==> flow/design.v <==
module dp_switch #(
    parameter integer WIDTH = 3,
    parameter integer COUNT = 4,
    parameter integer SEL_WIDTH = $clog2(COUNT)
) (
    input  wire ck,
    input  wire [COUNT*WIDTH-1:0] val,
    input  wire [SEL_WIDTH-1:0] sel,
    output wire [WIDTH-1:0] q
);
    reg [COUNT*WIDTH-1:0] val_q;
    always @(posedge ck) begin
        val_q <= val;
    end
    reg [SEL_WIDTH-1:0] sel_q;
    always @(posedge ck) begin
        sel_q <= sel;
    end
    wire [WIDTH-1:0] lvl [1:2*COUNT-1];
    genvar gi;
    generate
        for (gi = 0; gi < COUNT; gi = gi + 1) begin : lane
            assign lvl[COUNT+gi] = val_q[gi*WIDTH +: WIDTH];
        end
        for (gi = 1; gi < COUNT; gi = gi + 1) begin : stage
            assign lvl[gi] = sel_q[SEL_WIDTH - $clog2(gi+1)] ? lvl[2*gi+1] : lvl[2*gi];
        end
    endgenerate
    reg [WIDTH-1:0] q_q;
    always @(posedge ck) begin
        q_q <= lvl[1];
    end
    assign q = q_q;
endmodule
# From RTL to reports: dp_switch
# Module dp_switch in several versions that differ in "COUNT"; each step lists the members.
# The file above is the member COUNT 4. Line numbers count from 1 in each member's own file.
# Library cell names are shortened.
# Not given: --
# setup
top	dp_switch
clock	ck
library	sky130hd
lib_corner	tt_025C_1v80

# Source of the members
# Lines of each other member's file that are new or changed against the file above; lines that a member lacks are not shown.
# src_changes
COUNT	line_no	text
8	3	parameter integer COUNT = 8,
16	3	parameter integer COUNT = 16,
32	3	parameter integer COUNT = 32,
64	3	parameter integer COUNT = 64,

# Elaborated design
# Source: Yosys, flattened and elaborated. Widths are those after wreduce; folded enables and synchronous resets count as part of the registers. Registers that Yosys merges into a memory's read port (data or address) are not register bits. Print and check cells do not count. Equal cells are merged and count once.
# word_totals
COUNT	reg_bits	elab_cells	in_bits
4	17	6	15
8	30	10	28
16	55	18	53
32	104	34	102
64	201	66	199
# op_classes
COUNT	muxes
4	3
8	7
16	15
32	31
64	63
# op_table
COUNT	op_list
4	3-bit 2-to-1 mux (3)
8	3-bit 2-to-1 mux (7)
16	3-bit 2-to-1 mux (15)
32	3-bit 2-to-1 mux (31)
64	3-bit 2-to-1 mux (63)

# Depth
# Yosys ltp: most cells in a row. Word level: on the elaborated netlist, between registers, memories and ports. Mapped: between sequential cells and ports; inverters and the memories' decode and read muxes count.
# logic_depth
COUNT	word_depth	ABC_AREA	mapped_depth
4	2	0	1
8	3	0	3
16	4	0	4
32	5	0	5
64	6	0	9

# Synthesis result
# The flow's flattened synthesis, as Yosys stat reports it; memories are mapped. The netlist is that of the ABC_AREA named above (0 if unset); the other value can give another one.
# Totals and module areas in this step are rounded.
# synth_totals
COUNT	sequential_area_um2	cell_count	synth_area_um2	flip_flops	n_buf
4	340.3	20	419.2	17	0
8	600.6	40	803.3	30	1
16	1101	84	1501	55	2
32	2082	144	2836	104	7
64	4024	325	5649	201	16
# by_type
COUNT	cell_types
4	dfxtp_1 (17); mux4_1 (3)
8	dfxtp_1 (30); mux4_1 (6); mux2_2 (3); buf_6 (1)
16	dfxtp_1 (55); mux4_1 (8); mux4_2 (4); nand3_1 (6); a22oi_1 (2); a22oi_2 (1); nor2b_1 (2); buf_6 (1); nand2_1 (3); clkbuf_1 (1); nor2_1 (1)
32	dfxtp_1 (104); mux4_2 (30); mux2_2 (3); buf_6 (2); clkbuf_1 (3); buf_4 (1); buf_1 (1)
64	dfxtp_1 (201); mux4_2 (37); mux4_1 (10); mux2i_1 (10); nand2b_1 (6); buf_2 (7); o221ai_1 (4); nor2b_1 (5); o22ai_1 (5); a211oi_1 (3); buf_6 (2); a21oi_1 (4); buf_12 (1); nand3_1 (4); o41ai_1 (2); buf_4 (2); nand2_1 (4); o21a_1 (2); [+16]
# The mark [+n] counts cells that are not listed.

# Worst setup path after synthesis
# Path of least setup slack by OpenSTA after synthesis, without wires, with an ideal clock, recovery checks aside; 20% of the period is set as input and as output delay. Where synthesis merged equal registers, the netlist keeps one of their names.
# synth_path
COUNT	path_kind	from	to	path_delay_ps	path_stages	slack_ps	period_ps	period_less_setup_slack_ps
4	register -> register	register sel_q[0]	register q_q[0]	1022	2	258	1280	1022
8	register -> register	register sel_q[0]	register q_q[0]	1320	4	331	1650	1319
16	register -> register	register sel_q[0]	register q_q[1]	1383	5	347	1730	1383
32	register -> register	register sel_q[2]	register q_q[0]	2013	6	507	2520	2013
64	register -> register	register sel_q[0]	register q_q[0]	1826	7	453	2280	1827
# "path_delay_ps" = arrival - input delay + setup time.
# "path_stages": output pins that drive a net of the path, with the launching flip-flop's if there is one; two outputs of one cell count as two.
# "period_less_setup_slack_ps" = period - worst setup slack (recovery checks aside). The figure is calculated, with input and output delays left at 20% of the set period.
# The rows between start and end are the longest chain of elaborated cells between them; the timing report does not say that the signal goes this way. Where chains are equally long, one stands for them.
# A line is the first line of the expression or statement that the cell stems from. Yosys adds cells for indexed reads and writes and turns some case tables into memories.
# synth_via_COUNT_4
elab_chain_cells	2
# synth_lines_COUNT_4
element	line_no	text
start: declaration	15	reg [SEL_WIDTH-1:0] sel_q;
start: assignment	17	sel_q <= sel;
3-bit 2-to-1 mux (2 in a row)	26	assign lvl[gi] = sel_q[SEL_WIDTH - $clog2(gi+1)] ? lvl[2*gi+1] : lvl[2*gi];
end: assignment	31	q_q <= lvl[1];
end: declaration	29	reg [WIDTH-1:0] q_q;
# synth_via_COUNT_64
elab_chain_cells	6
# synth_lines_COUNT_64
element	line_no	text
start: declaration	15	reg [SEL_WIDTH-1:0] sel_q;
start: assignment	17	sel_q <= sel;
3-bit 2-to-1 mux (6 in a row)	26	assign lvl[gi] = sel_q[SEL_WIDTH - $clog2(gi+1)] ? lvl[2*gi+1] : lvl[2*gi];
end: assignment	31	q_q <= lvl[1];
end: declaration	29	reg [WIDTH-1:0] q_q;

# Path in the finished layout
# Path of least setup slack in the final report of each member's run (OpenROAD, finished layout, wires in). Where an end is a register, its clock arrival counts in the times.
# The report prints the path's times to 10 ps; the period is as set.
# layout_path
COUNT	path_kind	from	to	period_ps	slack_ps	path_stages	arrival_ps
4	register -> output	register q_q[1]	output q[1]	1280	150	2	880
8	register -> output	register q_q[0]	output q[0]	1650	170	2	1150
16	register -> output	register q_q[2]	output q[2]	1730	230	2	1150
32	register -> register	register sel_q[0]	register q_q[2]	2520	540	5	2220
64	register -> register	register sel_q[0]	register q_q[0]	2280	210	6	2430

# Flow runs
# One run of the flow (Yosys, OpenROAD) for each member, with settings and measured results. Input and output delays are each 20% of the period that was set; the output load is 0.01 pF.
# settings
CAP_MARGIN	20
CORE_MARGIN	2
CORE_UTILIZATION	40
SLEW_MARGIN	20
# settings_by_member
COUNT	period_ns
4	1.28
8	1.65
16	1.73
32	2.52
64	2.28
# results
COUNT	final_setup_ws_ps	total_die_area_um2	synthArea_um2	layout_utilization_pct	cell_area_final_um2	power_total_mw
4	147	1323	419.2	65.3	620.6	0.8719
8	174	2382	803.3	61.1	1174	1.271
16	229	4260	1501	61.2	2225	2.302
32	543	7781	2836	61.9	4228	3.279
64	210	15090	5649	61.7	8533	7.605
# "power_total_mw" rests on the timing tool's default activity at the inputs, not on a simulated workload.
# The measured numbers are rounded.
